==> flow/design.v <==
module subtractor_rtl #(
    parameter integer W = 18
) (
    input  wire clk,
    input  wire resetn,
    input  wire signed [W-1:0] A,
    input  wire signed [W-1:0] B,
    input  wire minus,
    output reg [W-1:0] d,
    output reg co
);
    wire [W-1:0] aux;
    assign aux = B ^ {W{minus}};
    wire [W-1:0] r;
    assign r = $unsigned(A) + aux + minus;
    always @(posedge clk or negedge resetn) begin
        if (!resetn) begin
            d <= 0;
            co <= 1'b0;
        end else begin
            d <= r[W-1:0];
            co <= (A[W-1] == aux[W-1]) && (r[W-1] != A[W-1]);
        end
    end
endmodule
Tool chain data of subtractor_rtl
The steps from the RTL of subtractor_rtl to its reports follow in flow order. Lines are those of the file above, counted from 1. Operators carry their Yosys type and port widths (W data, S select, Z words). Library cell names are shortened. A cell with -- has no value.

Top: subtractor_rtl. Clock port: clk. Cell library: sky130hd. Corner: tt_025C_1v80.

Word-level counts
Counts by Yosys on the flattened word-level netlist (proc, flatten, opt, wreduce; memories kept). Register bits leave out memories and registers merged into their read ports (data or address); mux counts leave out enables and synchronous resets folded into registers. Print and check cells are left out. Cells with the same type and inputs are merged into one.

The entry for add/sub/neg operators reads 2. The figure for eq/ne operators is 2. Under bitwise logic cells stands 1. The entry for reduce/logical cells reads 1.

Operators by type and width (number): $add A18 B1 Y18 (1); $add A18 B18 Y18 (1); $xor A18 B18 Y18 (1); $eq A1 B1 Y1 (1); $ne A1 B1 Y1 (1); $logic_and A1 B1 Y1 (1).

The figure for flip-flop bits (word level) is 19. The entry for input port bits reads 39.

Longest topological paths
Yosys ltp: most cells in a row. Word level: on the elaborated netlist, between registers, memories and ports. Mapped: between sequential cells and ports; inverters and the memories' decode and read muxes count.

The entry for word-level depth reads 5. For ABC_AREA the number is 0. Gate-level depth with buffers: 11. The entry for gate-level depth less buffers reads 9.

Synthesis result
Source: synth_stat.txt of the flow (Yosys; design flattened, memories mapped). It holds for the ABC_AREA given above (unset counts as 0); a run with the other value may have another netlist.

For standard cells after synthesis the number is 161. The entry for synthesis area reads 0.001514 sq mm. The figure for flip-flops is 19. The entry for buffers reads 3.

Cells by type: dfrtp_1 (number 19, area in all 475.456 sq um); ha_1 (number 16, area in all 200.192 sq um); xor2_1 (number 19, area in all 166.41 sq um); xnor2_1 (number 12, area in all 105.101 sq um); a21oi_1 (number 15, area in all 75.072 sq um); nand2_1 (number 13, area in all 48.797 sq um); nor2_1 (number 9, area in all 33.782 sq um); a21oi_2 (number 3, area in all 26.275 sq um); nor3_1 (number 5, area in all 25.024 sq um); a211oi_1 (number 3, area in all 22.522 sq um); inv_1 (number 6, area in all 22.522 sq um); o311a_4 (number 1, area in all 21.27 sq um); fa_1 (number 1, area in all 20.019 sq um); mux2i_1 (number 2, area in all 20.019 sq um); o21ai_0 (number 4, area in all 20.019 sq um); nand2b_1 (number 3, area in all 18.768 sq um); a21o_1 (number 2, area in all 15.014 sq um); o21bai_1 (number 2, area in all 15.014 sq um).

Other cell types: 22; their cells: 26.

Worst setup path after synthesis
OpenSTA on the mapped netlist: ideal clock, no wires. The path of least setup slack (recovery checks aside). Input and output delay are each 20% of the period. Register names are those of the netlist, which keeps one name where synthesis merged equal registers.

Kind: input to register. Start: input port minus. End: register d[10]. The entry for period reads 3210 ps. For library setup time the number is 80 ps. Launch time at the first pin: 642 ps. The entry for arrival time reads 2618 ps. The figure for data required time is 3130 ps. The figure for slack is 513 ps. Path delay: 2056 ps. Stages on the path: 9. The figure for path buffers is 2. The entry for synthesis period reached reads 2697 ps.

"path delay" = arrival - input delay + setup time. "stages on the path" counts driving pins, that of a launching flip-flop among them; a cell with two outputs on the path counts twice. "synthesis period reached" = period - worst setup slack (recovery checks aside). The figure is calculated, with input and output delays left at 20% of the set period. Between the ends stands the longest chain of elaborated cells between them, by number of cells; it is not shown to be the way that was timed. Of several equally long chains one is given. Each line given opens the expression or statement behind the cell; cells for indexed reads and writes are added by Yosys, which also makes memories of some case tables.

Cells stage by stage: buf_4 -> buf_2 -> xor2_1 -> ha_1 -> a21o_1 -> o311a_4 -> or2_1 -> a21oi_1 -> xnor2_1. For length of the longest elaborated chain the number is 3. Elaborated cells on any way between the ends: 3. Under RTL lines with such cells stands 2.

RTL lines, path after synthesis: start: declaration (line 8) `input  wire minus,`; $xor A18 B18 Y18 (line 13) `assign aux = B ^ {W{minus}};`; $add A18 B18 Y18 (line 15) `assign r = $unsigned(A) + aux + minus;`; $add A18 B1 Y18 (line 15); end: assignment (line 18) `d <= 0;`; end: assignment (line 21) `d <= r[W-1:0];`; end: declaration (line 9) `output reg [W-1:0] d,`.

Path in the finished layout
From the final timing report of flow run A: the path of least setup slack in the routed layout; clock arrival at registers is part of the times. The path's times are printed in steps of 10 ps; the period is the one set.

Kind: input to register. Start: input port minus. End: register d[12]. The entry for period reads 3210 ps. For library setup time the number is 90 ps. Launch time at the first pin: 640 ps. The entry for arrival time reads 3060 ps. The figure for data required time is 3370 ps. The figure for slack is 310 ps. Stages on the path: 10. The figure for path buffers is 1.

Between the ends stands the longest chain of elaborated cells between them, by number of cells; it is not shown to be the way that was timed. Of several equally long chains one is given.

Cells stage by stage: clkdlybuf4s50_1 -> xor2_1 -> inv_1 -> fa_1 -> or2b_2 -> a21oi_2 -> o311a_4 -> or2_1 -> a21oi_1 -> xnor2_1. For length of the longest elaborated chain the number is 3. Elaborated cells on any way between the ends: 3. Under RTL lines with such cells stands 2.

RTL lines, path post-layout: start: declaration (line 8) `input  wire minus,`; $xor A18 B18 Y18 (line 13) `assign aux = B ^ {W{minus}};`; $add A18 B18 Y18 (line 15) `assign r = $unsigned(A) + aux + minus;`; $add A18 B1 Y18 (line 15); end: assignment (line 18) `d <= 0;`; end: assignment (line 21) `d <= r[W-1:0];`; end: declaration (line 9) `output reg [W-1:0] d,`.

Lab notebook: subtractor_rtl

Flow measurements of subtractor_rtl on sky130hd: 3 stored runs with different settings, listed in no order. Input and output delays are each 20% of the period that was set; the output load is 0.01 pF. "reached clock period" is the run's clock period less its worst setup slack. It is reckoned from that one timing run; input and output delays stay at 20% of the period that was set. "critical path time" means the part of the period allowed to the worst setup path (the constraints hold back 20% at inputs and 20% at outputs) less its slack; where the path has registers, the arrival times of their clocks count too. "total design power": no workload was simulated; the value follows from the tool's default switching activity. "critical path time" is given in steps of 10 ps.

Files of flow run A:
==> flow/run.sh <==
#!/bin/bash
# the make line also repeats the synthesis and layout settings of config.mk as NAME=value (left out here)
make -C /OpenROAD-flow-scripts/flow DESIGN_CONFIG=/design/flow/config.mk WORK_HOME=/design/flow/orfs CLKGATE_MAP_FILE= finish
==> flow/config.mk <==
export PLATFORM = sky130hd
export DESIGN_NAME = subtractor_rtl
export DESIGN_NICKNAME = subtractor_rtl
export VERILOG_FILES = /design/flow/design.v
export SDC_FILE = /design/flow/constraint.sdc
export NUM_CORES = 4
export LEC_CHECK = 0
export CAP_MARGIN = 20
export CORE_MARGIN = 2
export CORE_UTILIZATION = 40
export SLEW_MARGIN = 20
==> flow/constraint.sdc <==
create_clock -name core_clock -period 3.21 [get_ports {clk}]
set_input_delay 0.6420 -clock core_clock [delete_from_list [all_inputs] [get_ports {clk}]]
set_output_delay 0.6420 -clock core_clock [all_outputs]
set_load 0.01 [all_outputs]

Results of flow run A. For the chip area after synthesis (Yosys) the run shows 0.001514 sq mm. The measured die footprint is 0.0042929 sq mm. The std-cell area (final layout) comes to 0.0022547 sq mm. For the post-layout utilization the run shows 61.6 %. The worst setup slack after layout reads 311 ps. The final setup TNS is 0 ps. The total design power is 1.055 mW. The reached clock period stands at 2899 ps. For the critical path time the run shows 2260 ps. Class of the worst setup path: input to register.

Files of flow run B:
==> flow/run.sh <==
#!/bin/bash
# the make line also repeats the synthesis and layout settings of config.mk as NAME=value (left out here)
make -C /OpenROAD-flow-scripts/flow DESIGN_CONFIG=/design/flow/config.mk WORK_HOME=/design/flow/orfs CLKGATE_MAP_FILE= finish
==> flow/config.mk <==
export PLATFORM = sky130hd
export DESIGN_NAME = subtractor_rtl
export DESIGN_NICKNAME = subtractor_rtl
export VERILOG_FILES = /design/flow/design.v
export SDC_FILE = /design/flow/constraint.sdc
export NUM_CORES = 4
export LEC_CHECK = 0
export ABC_AREA = 1
export CAP_MARGIN = 25
export CELL_PAD_IN_SITES_GLOBAL_PLACEMENT = 1
export CORE_MARGIN = 2
export CORE_UTILIZATION = 67
export MAX_ROUTING_LAYER = met5
export MIN_ROUTING_LAYER = met1
export PLACE_DENSITY_LB_ADDON = 0.21
export SETUP_SLACK_MARGIN = 0.39
export SLEW_MARGIN = 20
==> flow/constraint.sdc <==
create_clock -name core_clock -period 2.18 [get_ports {clk}]
set_input_delay 0.4360 -clock core_clock [delete_from_list [all_inputs] [get_ports {clk}]]
set_output_delay 0.4360 -clock core_clock [all_outputs]
set_load 0.01 [all_outputs]

Outcome of flow run B: stopped before the end: placement reported FLW-0024.

Files of flow run C:
==> flow/run.sh <==
#!/bin/bash
# the make line also repeats the synthesis and layout settings of config.mk as NAME=value (left out here)
make -C /OpenROAD-flow-scripts/flow DESIGN_CONFIG=/design/flow/config.mk WORK_HOME=/design/flow/orfs CLKGATE_MAP_FILE= finish
==> flow/config.mk <==
export PLATFORM = sky130hd
export DESIGN_NAME = subtractor_rtl
export DESIGN_NICKNAME = subtractor_rtl
export VERILOG_FILES = /design/flow/design.v
export SDC_FILE = /design/flow/constraint.sdc
export NUM_CORES = 4
export LEC_CHECK = 0
export ABC_AREA = 0
export CAP_MARGIN = 20
export CORE_ASPECT_RATIO = 1.16
export CORE_MARGIN = 2
export CORE_UTILIZATION = 40
export CTS_CLUSTER_DIAMETER = 306
export GPL_ROUTABILITY_DRIVEN = 1
export GPL_TIMING_DRIVEN = 0
export PLACE_DENSITY_LB_ADDON = 0.02
export SETUP_SLACK_MARGIN = -0.26
export SLEW_MARGIN = 30
==> flow/constraint.sdc <==
create_clock -name core_clock -period 3.71 [get_ports {clk}]
set_input_delay 0.7420 -clock core_clock [delete_from_list [all_inputs] [get_ports {clk}]]
set_output_delay 0.7420 -clock core_clock [all_outputs]
set_load 0.01 [all_outputs]

Results of flow run C. For the chip area after synthesis (Yosys) the run shows 0.001514 sq mm. The measured die footprint is 0.0042943 sq mm. The std-cell area (final layout) comes to 0.0021796 sq mm. For the post-layout utilization the run shows 59.0 %. The worst setup slack after layout reads 861 ps. The final setup TNS is 0 ps. The total design power is 0.8945 mW. The reached clock period stands at 2849 ps. For the critical path time the run shows 2110 ps. Class of the worst setup path: input to register.
